==> flow/design.v <==
module dp_mplex_rtl #(
    parameter integer DW = 12,
    parameter integer COUNT = 6,
    parameter integer SEL_WIDTH = $clog2(COUNT)
) (
    input  logic ck,
    input  logic rst_n,
    input  logic [COUNT*DW-1:0] ch,
    input  logic [SEL_WIDTH-1:0] choose,
    output logic [DW-1:0] result
);
    logic [COUNT*DW-1:0] ch_r;
    logic [SEL_WIDTH-1:0] choose_r;
    always_ff @(posedge ck or negedge rst_n) begin
        if (~rst_n) begin
            ch_r <= '0;
            choose_r <= '0;
        end else begin
            ch_r <= ch;
            choose_r <= choose;
        end
    end
    wire [DW-1:0] lanes [0:COUNT-1];
    generate
        for (genvar i = 0; i < COUNT; i++) begin : blk
            assign lanes[i] = ch_r[i*DW +: DW];
        end
    endgenerate
    always_ff @(posedge ck or negedge rst_n) begin
        if (~rst_n) begin
            result <= '0;
        end else begin
            result <= lanes[choose_r];
        end
    end
endmodule
Appendix: tool output

## Reports on dp_mplex_rtl

Tool output for the members of one design family, told apart by "COUNT", in the order of the flow.
The file above is the member COUNT = 6. Line numbers count from 1 in each member's own file.
Operators carry their Yosys type and port widths (W data, S select, Z words).
A cell with -- has no value.

- Top: dp_mplex_rtl
- Clock port: ck
- Library: sky130hd
- Timing corner: tt_025C_1v80

## Source of the members

Lines of each other member's file that are new or changed against the file above; lines that a member lacks are not shown.

New or changed lines:

| COUNT | RTL line | text |
|---|---|---|
| 7 | 3 | `parameter integer COUNT = 7,` |
| 10 | 3 | `parameter integer COUNT = 10,` |
| 24 | 3 | `parameter integer COUNT = 24,` |
| 48 | 3 | `parameter integer COUNT = 48,` |

## After elaboration

Counts by Yosys on the flattened word-level netlist (proc, flatten, opt, wreduce). Print and check cells are left out. Cells with the same type and inputs are merged into one.

Bit counts:

| COUNT | input bits | register bits | cells after elaboration | output and inout bits |
|---|---|---|---|---|
| 6 | 77 | 87 | 10 | 12 |
| 7 | 89 | 99 | 11 | 12 |
| 10 | 126 | 136 | 14 | 12 |
| 24 | 295 | 305 | 28 | 12 |
| 48 | 584 | 594 | 52 | 12 |

Operators by class:

| COUNT | eq/ne operators | reduce/logical cells | mux-type cells |
|---|---|---|---|
| 6 | 5 | 1 | 1 |
| 7 | 6 | 1 | 1 |
| 10 | 9 | 1 | 1 |
| 24 | 23 | 1 | 1 |
| 48 | 47 | 1 | 1 |

Operator list:

| COUNT | kind and count |
|---|---|
| 6 | 1 x $pmux W12 S6; 2 x $eq A3 B2 Y1 const B; 2 x $eq A3 B3 Y1 const B; 1 x $eq A3 B1 Y1 const B; 1 x $logic_not A3 Y1 |
| 7 | 1 x $pmux W12 S7; 3 x $eq A3 B3 Y1 const B; 2 x $eq A3 B2 Y1 const B; 1 x $eq A3 B1 Y1 const B; 1 x $logic_not A3 Y1 |
| 10 | 1 x $pmux W12 S10; 4 x $eq A4 B3 Y1 const B; 2 x $eq A4 B2 Y1 const B; 2 x $eq A4 B4 Y1 const B; 1 x $eq A4 B1 Y1 const B; 1 x $logic_not A4 Y1 |
| 24 | 1 x $pmux W12 S24; 8 x $eq A5 B4 Y1 const B; 8 x $eq A5 B5 Y1 const B; 4 x $eq A5 B3 Y1 const B; 2 x $eq A5 B2 Y1 const B; 1 x $eq A5 B1 Y1 const B; 1 x $logic_not A5 Y1 |
| 48 | 1 x $pmux W12 S48; 16 x $eq A6 B5 Y1 const B; 16 x $eq A6 B6 Y1 const B; 8 x $eq A6 B4 Y1 const B; 4 x $eq A6 B3 Y1 const B; 2 x $eq A6 B2 Y1 const B; 1 x $eq A6 B1 Y1 const B; 1 x $logic_not A6 Y1 |

## Longest topological paths

Yosys ltp: most cells in a row. Word level: on the elaborated netlist, between registers, memories and ports. Mapped: between sequential cells and ports; inverters and the memories' decode and read muxes count.

Depth:

| COUNT | depth after elaboration | ABC_AREA | mapped depth | mapped depth without buffers |
|---|---|---|---|---|
| 6 | 2 | 0 | 6 | 4 |
| 7 | 2 | 0 | 6 | 3 |
| 10 | 2 | 0 | 7 | 4 |
| 24 | 2 | 0 | 8 | 5 |
| 48 | 2 | 0 | 10 | 6 |

## Synthesis result

Yosys stat after the flow's synthesis: flattened, memories mapped to cells. It holds for the ABC_AREA given above (unset counts as 0); a run with the other value may have another netlist.
The area totals of this step are shown rounded.

Synthesis totals:

| COUNT | area of sequential cells (um^2) | buffer cells | cell area after synthesis (um^2) | mapped flip-flops | cell count |
|---|---|---|---|---|---|
| 6 | 2200 | 9 | 2900 | 87 | 194 |
| 7 | 2500 | 13 | 3400 | 99 | 210 |
| 10 | 3400 | 21 | 4700 | 136 | 323 |
| 24 | 7600 | 50 | 11000 | 305 | 738 |
| 48 | 15000 | 58 | 19000 | 594 | 1214 |

Cells by type:

| COUNT | types with counts |
|---|---|
| 6 | 87 x sky130_fd_sc_hd__dfrtp_1; 13 x sky130_fd_sc_hd__a21oi_1; 8 x sky130_fd_sc_hd__a21o_1; 5 x sky130_fd_sc_hd__mux2_2; 12 x sky130_fd_sc_hd__nor2_1; 6 x sky130_fd_sc_hd__nor2b_1; 5 x sky130_fd_sc_hd__nor3b_1; 4 x sky130_fd_sc_hd__a32oi_1; 4 x sky130_fd_sc_hd__o2bb2ai_1; 5 x sky130_fd_sc_hd__a31oi_1; 3 x sky130_fd_sc_hd__a222oi_1; 4 x sky130_fd_sc_hd__o21bai_1; 5 x sky130_fd_sc_hd__o21ai_0; 3 x sky130_fd_sc_hd__a22oi_1; 3 x sky130_fd_sc_hd__buf_4; 3 x sky130_fd_sc_hd__o21a_1; 3 x sky130_fd_sc_hd__or2b_1; 4 x sky130_fd_sc_hd__buf_2; [+17] |
| 7 | 99 x sky130_fd_sc_hd__dfrtp_1; 16 x sky130_fd_sc_hd__mux2_2; 16 x sky130_fd_sc_hd__and3b_1; 4 x sky130_fd_sc_hd__mux4_1; 8 x sky130_fd_sc_hd__mux2i_1; 6 x sky130_fd_sc_hd__a32oi_1; 6 x sky130_fd_sc_hd__o211ai_1; 8 x sky130_fd_sc_hd__o21ai_0; 6 x sky130_fd_sc_hd__a21oi_1; 3 x sky130_fd_sc_hd__a211o_1; 4 x sky130_fd_sc_hd__nor2b_1; 2 x sky130_fd_sc_hd__buf_6; 3 x sky130_fd_sc_hd__nor3b_1; 4 x sky130_fd_sc_hd__buf_2; 2 x sky130_fd_sc_hd__o2111ai_1; 2 x sky130_fd_sc_hd__a22oi_1; 2 x sky130_fd_sc_hd__buf_4; 1 x sky130_fd_sc_hd__buf_8; [+18] |
| 10 | 136 x sky130_fd_sc_hd__dfrtp_1; 12 x sky130_fd_sc_hd__mux2i_1; 23 x sky130_fd_sc_hd__a21oi_1; 9 x sky130_fd_sc_hd__o32a_1; 9 x sky130_fd_sc_hd__a221oi_1; 9 x sky130_fd_sc_hd__a22oi_1; 6 x sky130_fd_sc_hd__a32oi_1; 8 x sky130_fd_sc_hd__nor2b_1; 8 x sky130_fd_sc_hd__o22ai_1; 13 x sky130_fd_sc_hd__nor2_1; 4 x sky130_fd_sc_hd__buf_6; 8 x sky130_fd_sc_hd__buf_2; 5 x sky130_fd_sc_hd__a21o_1; 5 x sky130_fd_sc_hd__buf_4; 6 x sky130_fd_sc_hd__nand2b_1; 7 x sky130_fd_sc_hd__nand3_1; 3 x sky130_fd_sc_hd__mux2_2; 3 x sky130_fd_sc_hd__a22o_1; [+49] |
| 24 | 305 x sky130_fd_sc_hd__dfrtp_1; 36 x sky130_fd_sc_hd__mux2i_1; 21 x sky130_fd_sc_hd__a32oi_1; 14 x sky130_fd_sc_hd__mux2_2; 28 x sky130_fd_sc_hd__buf_2; 20 x sky130_fd_sc_hd__and3_1; 20 x sky130_fd_sc_hd__a21oi_1; 25 x sky130_fd_sc_hd__nor2_1; 12 x sky130_fd_sc_hd__a22oi_1; 18 x sky130_fd_sc_hd__nand3_1; 18 x sky130_fd_sc_hd__o21ai_0; 9 x sky130_fd_sc_hd__o32a_1; 14 x sky130_fd_sc_hd__nand4_1; 23 x sky130_fd_sc_hd__nand2_1; 13 x sky130_fd_sc_hd__a31oi_1; 9 x sky130_fd_sc_hd__a22o_1; 6 x sky130_fd_sc_hd__buf_6; 8 x sky130_fd_sc_hd__nand3b_1; [+139] |
| 48 | 594 x sky130_fd_sc_hd__dfrtp_1; 141 x sky130_fd_sc_hd__a22oi_1; 44 x sky130_fd_sc_hd__mux2i_1; 24 x sky130_fd_sc_hd__nor3_2; 25 x sky130_fd_sc_hd__a221oi_1; 24 x sky130_fd_sc_hd__a22o_1; 30 x sky130_fd_sc_hd__nand4_1; 14 x sky130_fd_sc_hd__mux2_2; 31 x sky130_fd_sc_hd__nor3_1; 36 x sky130_fd_sc_hd__nand2_1; 21 x sky130_fd_sc_hd__nor4_1; 26 x sky130_fd_sc_hd__buf_2; 28 x sky130_fd_sc_hd__nor2_1; 6 x sky130_fd_sc_hd__nor3_4; 11 x sky130_fd_sc_hd__a32oi_1; 11 x sky130_fd_sc_hd__buf_4; 16 x sky130_fd_sc_hd__a21oi_1; 7 x sky130_fd_sc_hd__buf_6; [+125] |

A list marked [+n] leaves out that many cells.

## Worst setup path after synthesis

Path of least setup slack by OpenSTA after synthesis, without wires, with an ideal clock, recovery checks aside; 20% of the period is set as input and as output delay. Where synthesis merged equal registers, the netlist keeps one of their names.

Path after synthesis:

| COUNT | path type | start | end | path delay (ns) | slack (ns) | clock period (ns) | stages | synthesis period reached (ns) |
|---|---|---|---|---|---|---|---|---|
| 6 | reg-to-reg | reg (name not given) | reg result[11] | 1.291 | 0.319 | 1.61 | 6 | 1.291 |
| 7 | reg-to-reg | reg (name not given) | reg result[3] | 1.360 | 0.340 | 1.7 | 5 | 1.36 |
| 10 | reg-to-reg | reg (name not given) | reg result[5] | 1.475 | 0.365 | 1.84 | 7 | 1.475 |
| 24 | reg-to-reg | reg (name not given) | reg result[9] | 1.805 | 0.455 | 2.26 | 7 | 1.805 |
| 48 | reg-to-reg | reg (name not given) | reg result[7] | 1.994 | 0.496 | 2.49 | 9 | 1.994 |

"path delay" is the arrival time less input delay plus setup time.
"stages" counts driving pins, that of a launching flip-flop among them; a cell with two outputs on the path counts twice.
"synthesis period reached" is the clock period less the worst setup slack; recovery checks do not enter. This is arithmetic on one report: input and output delays are still those of the set period (20% each).
The rows between start and end are the longest chain of elaborated cells between them; the timing report does not say that the signal goes this way. Where chains are equally long, one stands for them.
Each line given opens the expression or statement behind the cell; cells for indexed reads and writes are added by Yosys, which also makes memories of some case tables.

On the way, after synthesis, COUNT = 6:
- Length of the longest elaborated chain: 2

RTL lines, path after synthesis, COUNT = 6:

| element | RTL line | text |
|---|---|---|
| from (decl) | 13 |  |
| from (assign) | 17 |  |
| from (assign) | 20 |  |
| $eq A3 B3 Y1 | 33 |  |
| $pmux W12 S6 | 33 |  |
| to (assign) | 31 | `result <= '0;` |
| to (assign) | 33 |  |
| to (decl) | 10 | `output logic [DW-1:0] result` |

On the way, after synthesis, COUNT = 48:
- Length of the longest elaborated chain: 2

RTL lines, path after synthesis, COUNT = 48:

| element | RTL line | text |
|---|---|---|
| from (decl) | 13 |  |
| from (assign) | 17 |  |
| from (assign) | 20 |  |
| $eq A6 B6 Y1 | 33 |  |
| $pmux W12 S48 | 33 |  |
| to (assign) | 31 | `result <= '0;` |
| to (assign) | 33 |  |
| to (decl) | 10 | `output logic [DW-1:0] result` |

## Path in the finished layout

From the final timing report of each member's run: the path of least setup slack in the routed layout; clock arrival at registers is part of the times.

Path after layout:

| COUNT | path type | start | end | arrival (ns) | stages | clock period (ns) | path buffers | slack (ns) |
|---|---|---|---|---|---|---|---|---|
| 6 | reg-to-output | reg result[10] | out result[10] | 1.25 | 2 | 1.61 | 1 | 0.04 |
| 7 | reg-to-reg | reg (name not given) | reg result[3] | 1.87 | 5 | 1.7 | 1 | 0.08 |
| 10 | reg-to-reg | reg (name not given) | reg result[1] | 2.03 | 6 | 1.84 | 2 | 0.11 |
| 24 | reg-to-reg | reg (name not given) | reg result[1] | 2.72 | 8 | 2.26 | 2 | 0.03 |
| 48 | reg-to-reg | reg (name not given) | reg result[2] | 3.09 | 9 | 2.49 | 2 | -0.04 |

## Flow runs

One run of the flow (Yosys, OpenROAD) for each member, with settings and measured results. Input and output delays are each 20% of the period that was set; the output load is 0.01 pF.

- CAP_MARGIN: 20
- CORE_MARGIN: 2
- CORE_UTILIZATION: 40
- SLEW_MARGIN: 20

Settings that differ:

| COUNT | period_ns |
|---|---|
| 6 | 1.61 |
| 7 | 1.7 |
| 10 | 1.84 |
| 24 | 2.26 |
| 48 | 2.49 |

Final reports:

| COUNT | netlist area reported by Yosys (um^2) | achieved clock period (ns) | post-route setup TNS (ns) | total design power (W) | standard-cell area after layout (um^2) | lowest setup slack (ns) | die outline area (um^2) | post-layout utilization (%) | post-route worst hold slack (ns) |
|---|---|---|---|---|---|---|---|---|---|
| 6 | 2900 | 1.569 | 0.000 | 0.0044 | 4100 | 0.041 | 7900 | 60 | 0.40 |
| 7 | 3400 | 1.624 | 0.000 | 0.0045 | 4800 | 0.076 | 9400 | 58 | 0.41 |
| 10 | 4700 | 1.727 | 0.000 | 0.0074 | 6900 | 0.11 | 13000 | 60 | 0.39 |
| 24 | 11000 | 2.231 | 0.000 | 0.012 | 16000 | 0.029 | 28000 | 60 | 0.33 |
| 48 | 19000 | 2.531 | -0.041 | 0.022 | 30000 | -0.041 | 50000 | 62 | 0.30 |

"achieved clock period" is the run's clock period less its worst setup slack. It is reckoned from that one timing run; input and output delays stay at 20% of the period that was set.
"total design power" rests on the timing tool's default activity at the inputs, not on a simulated workload.
Results are given in rounded form.
